==> flow/design.v <==
module muxn (aclk, RST, in_din, in_idx, out_res);
  parameter DATA_WIDTH = 32;
  parameter WAYS = 4;
  localparam LOGN = $clog2(WAYS);
  input aclk;
  input RST;
  input [WAYS*DATA_WIDTH-1:0] in_din;
  input [LOGN-1:0] in_idx;
  output reg [DATA_WIDTH-1:0] out_res;
  reg [WAYS*DATA_WIDTH-1:0] din_q;
  reg [LOGN-1:0] idx_q;
  always @(posedge aclk) begin
    if (RST) begin
      din_q <= 0;
      idx_q <= 0;
    end else begin
      din_q <= in_din;
      idx_q <= in_idx;
    end
  end
  localparam LO_W = WAYS / 2;
  reg [DATA_WIDTH-1:0] lo_q;
  reg [DATA_WIDTH-1:0] msb_q;
  reg idx_q_d;
  always @(posedge aclk) begin
    if (RST) begin
      lo_q <= 0;
      msb_q <= 0;
      idx_q_d <= 1'b0;
      out_res <= 0;
    end else begin
      lo_q <= din_q[idx_q[LOGN-2:0]*DATA_WIDTH +: DATA_WIDTH];
      msb_q <= din_q[(LO_W + idx_q[LOGN-2:0])*DATA_WIDTH +: DATA_WIDTH];
      idx_q_d <= idx_q[LOGN-1];
      out_res <= idx_q_d ? msb_q : lo_q;
    end
  end
endmodule
# Step by step through the tools: muxn
# Tool output for the members of one design family, told apart by "WAYS", in the order of the flow.
# The file above is the member WAYS=4. Line numbers count from 1 in each member's own file.
# Operators: Yosys type, input widths -> output width; for muxes data width and select width s.
# Library cell names are shortened.
# The mark - stands for no value.
# setup
design	muxn
clock	aclk
cell_library	sky130hd
corner	tt_025C_1v80

# Members of the sweep
# Lines of each other member's file that are new or changed against the file above; lines that a member lacks are not shown.
# src_changes
WAYS	line	text
8	3	parameter WAYS = 8;
16	3	parameter WAYS = 16;
32	3	parameter WAYS = 32;

# Word level
# Source: Yosys, flattened and elaborated, memories not mapped. Widths are those after wreduce; folded enables and synchronous resets count as part of the registers. Registers that Yosys merges into a memory's read port (data or address) are not register bits. Print and check cells do not count. Equal cells are merged and count once.
# classes
WAYS	addsub	shifts	n_mux
4	1	2	1
8	1	2	1
16	1	2	1
32	1	2	1
# op_table
WAYS	operators
4	$shiftx 128x7->32 (1); $shiftx 128x9->32 (1); $mux 32 (1); $add 2x1->3 const A (1)
8	$shiftx 256x10->32 (1); $shiftx 256x8->32 (1); $mux 32 (1); $add 3x2->4 const A (1)
16	$shiftx 512x11->32 (1); $shiftx 512x9->32 (1); $mux 32 (1); $add 4x3->5 const A (1)
32	$shiftx 1024x10->32 (1); $shiftx 1024x12->32 (1); $mux 32 (1); $add 5x4->6 const A (1)
# bits
WAYS	register_bits	inputBits	elab_cells
4	227	132	10
8	356	261	10
16	613	518	10
32	1126	1031	10

# Depth
# Longest topological path by Yosys (ltp), each cell counted once; first at word level (registers and memories cut), then after technology mapping (sequential cells cut; the memories' decode and read muxes count).
# depth
WAYS	depth_word	ABC_AREA	ltp_mapped	mapped_depth_nobuf
4	2	0	4	2
8	2	0	4	2
16	2	0	5	3
32	2	0	7	4

# Mapped cells and area
# Source: synth_stat.txt of the flow (Yosys; design flattened, memories mapped). It holds for the ABC_AREA given above (unset counts as 0); a run with the other value may have another netlist.
# by_type
WAYS	cell_types
4	dfxtp_1 (227); mux2i_1 (96); nor2b_1 (131); nor2_1 (96); buf_2 (18); buf_8 (6); buf_6 (5); clkbuf_1 (5); buf_4 (2)
8	dfxtp_1 (356); nor2b_1 (260); mux2i_1 (160); o22ai_1 (54); buf_4 (18); buf_2 (25); o22ai_2 (10); nor2_1 (32); buf_6 (6); clkbuf_1 (15); nand2b_1 (1); or2_1 (1)
16	dfxtp_1 (613); nor2b_1 (517); mux4_2 (128); mux2i_1 (96); nor2_1 (96); clkbuf_1 (68); buf_6 (11); buf_2 (19); buf_4 (4); buf_1 (5)
32	dfxtp_1 (1126); nor2b_1 (1032); mux2i_1 (528); a22oi_1 (240); clkbuf_1 (154); nand2_1 (123); o22ai_1 (60); buf_6 (28); buf_4 (24); mux4_2 (8); buf_2 (30); nor2_1 (33); a221oi_1 (7); buf_8 (4); o21ai_1 (7); buf_1 (7); a22o_1 (1); nor2b_2 (1); [+6]
# A list marked [+n] leaves out that many cells.
# synth_totals
WAYS	stdcells	yosys_area_um2	flip_flops	n_buf
4	586	6955.4	227	36
8	938	11334.6	356	64
16	1557	20233.2	613	107
32	3419	38687.1	1126	248

# Timing after synthesis
# Source: OpenSTA report_checks on the synthesized netlist (no wires, ideal clock, input and output delay 20% of the period each), path of least setup slack; recovery checks are left aside. Register names are those of the netlist, which keeps one name where synthesis merged equal registers.
# synth_timing
WAYS	path_kind	from	to	period_ns	setup_slack_ns	path_stages	path_delay_ns	synth_period_reached_ns
4	reg2reg	register idx_q[0]	register lo_q[10]	1.22	0.248	5	0.973	0.972
8	reg2reg	register idx_q[1]	register msb_q[10]	1.41	0.286	5	1.124	1.124
16	reg2reg	register idx_q[1]	register msb_q[13]	1.88	0.380	6	1.501	1.5
32	reg2reg	register idx_q[2]	register lo_q[21]	1.75	0.346	8	1.404	1.404
# "path_delay_ns" = arrival - input delay + setup time.
# "path_stages" counts driving pins, that of a launching flip-flop among them; a cell with two outputs on the path counts twice.
# "synth_period_reached_ns" is the clock period less the worst setup slack; recovery checks do not enter. This is arithmetic on one report: input and output delays are still those of the set period (20% each).
# Between the ends stands the longest chain of elaborated cells between them, by number of cells; it is not shown to be the way that was timed. Of several equally long chains one is given.
# Each line given opens the expression or statement behind the cell; cells for indexed reads and writes are added by Yosys, which also makes memories of some case tables.
# synth_via_WAYS_4
elab_chain_cells	1
# synth_rtl_WAYS_4
element	line	text
start, declared	11	reg [LOGN-1:0] idx_q;
start, assigned	15	idx_q <= 0;
start, assigned	18	idx_q <= in_idx;
$shiftx 128x7->32	32	lo_q <= din_q[idx_q[LOGN-2:0]*DATA_WIDTH +: DATA_WIDTH];
end, assigned	27	lo_q <= 0;
end, assigned	32
end, declared	22	reg [DATA_WIDTH-1:0] lo_q;
# synth_via_WAYS_32
elab_chain_cells	1
# synth_rtl_WAYS_32
element	line	text
start, declared	11	reg [LOGN-1:0] idx_q;
start, assigned	15	idx_q <= 0;
start, assigned	18	idx_q <= in_idx;
$shiftx 1024x10->32	32	lo_q <= din_q[idx_q[LOGN-2:0]*DATA_WIDTH +: DATA_WIDTH];
end, assigned	27	lo_q <= 0;
end, assigned	32
end, declared	22	reg [DATA_WIDTH-1:0] lo_q;

# Worst path after layout
# From the final timing report of the run of each member: the path of least setup slack in the routed layout; clock arrival at registers is part of the times.
# layout_timing
WAYS	path_kind	from	to	period_ns	setup_slack_ns	path_stages	arrival_ns	path_buffers
4	reg2out	register out_res[11]	output out_res[11]	1.22	0.03	2	0.94	1
8	reg2out	register out_res[29]	output out_res[29]	1.41	0.02	2	1.10	1
16	reg2out	register out_res[28]	output out_res[28]	1.88	0.07	2	1.44	1
32	reg2reg	register idx_q[0]	register msb_q[19]	1.75	0.03	7	2.32	2

# Layout results
# One run of the flow (Yosys, OpenROAD) for each member, with settings and measured results. Input and output delays are each 20% of the period that was set; the output load is 0.01 pF.
# settings
CAP_MARGIN	20
CORE_MARGIN	2
CORE_UTILIZATION	40
SLEW_MARGIN	20
# settings_diff
WAYS	period_ns
4	1.22
8	1.41
16	1.88
32	1.75
# results
WAYS	synth_chip_area_um2	total_die_area_um2	finish.stdcell_area_um2	fin_util_pct	setup_ws_ns	total_negative_slack_ns	hold_ws_ns	total_power_uw	achievedPeriod_ns
4	6955.4	18459.3	9384.0	54.6	0.033	0.000	0.064	15527	1.187
8	11334.6	29699.4	15741.3	56.5	0.024	0.000	0.264	21670	1.386
16	20233.2	52397.5	28778.9	57.5	0.065	0.000	0.064	29438	1.815
32	38687.1	99221.9	55992.5	58.2	0.025	0.000	0.077	60154	1.725
# "achievedPeriod_ns" = clock period - worst setup slack. The figure is calculated, with input and output delays left at 20% of the set period.
# "total_power_uw" rests on the timing tool's default activity at the inputs, not on a simulated workload.
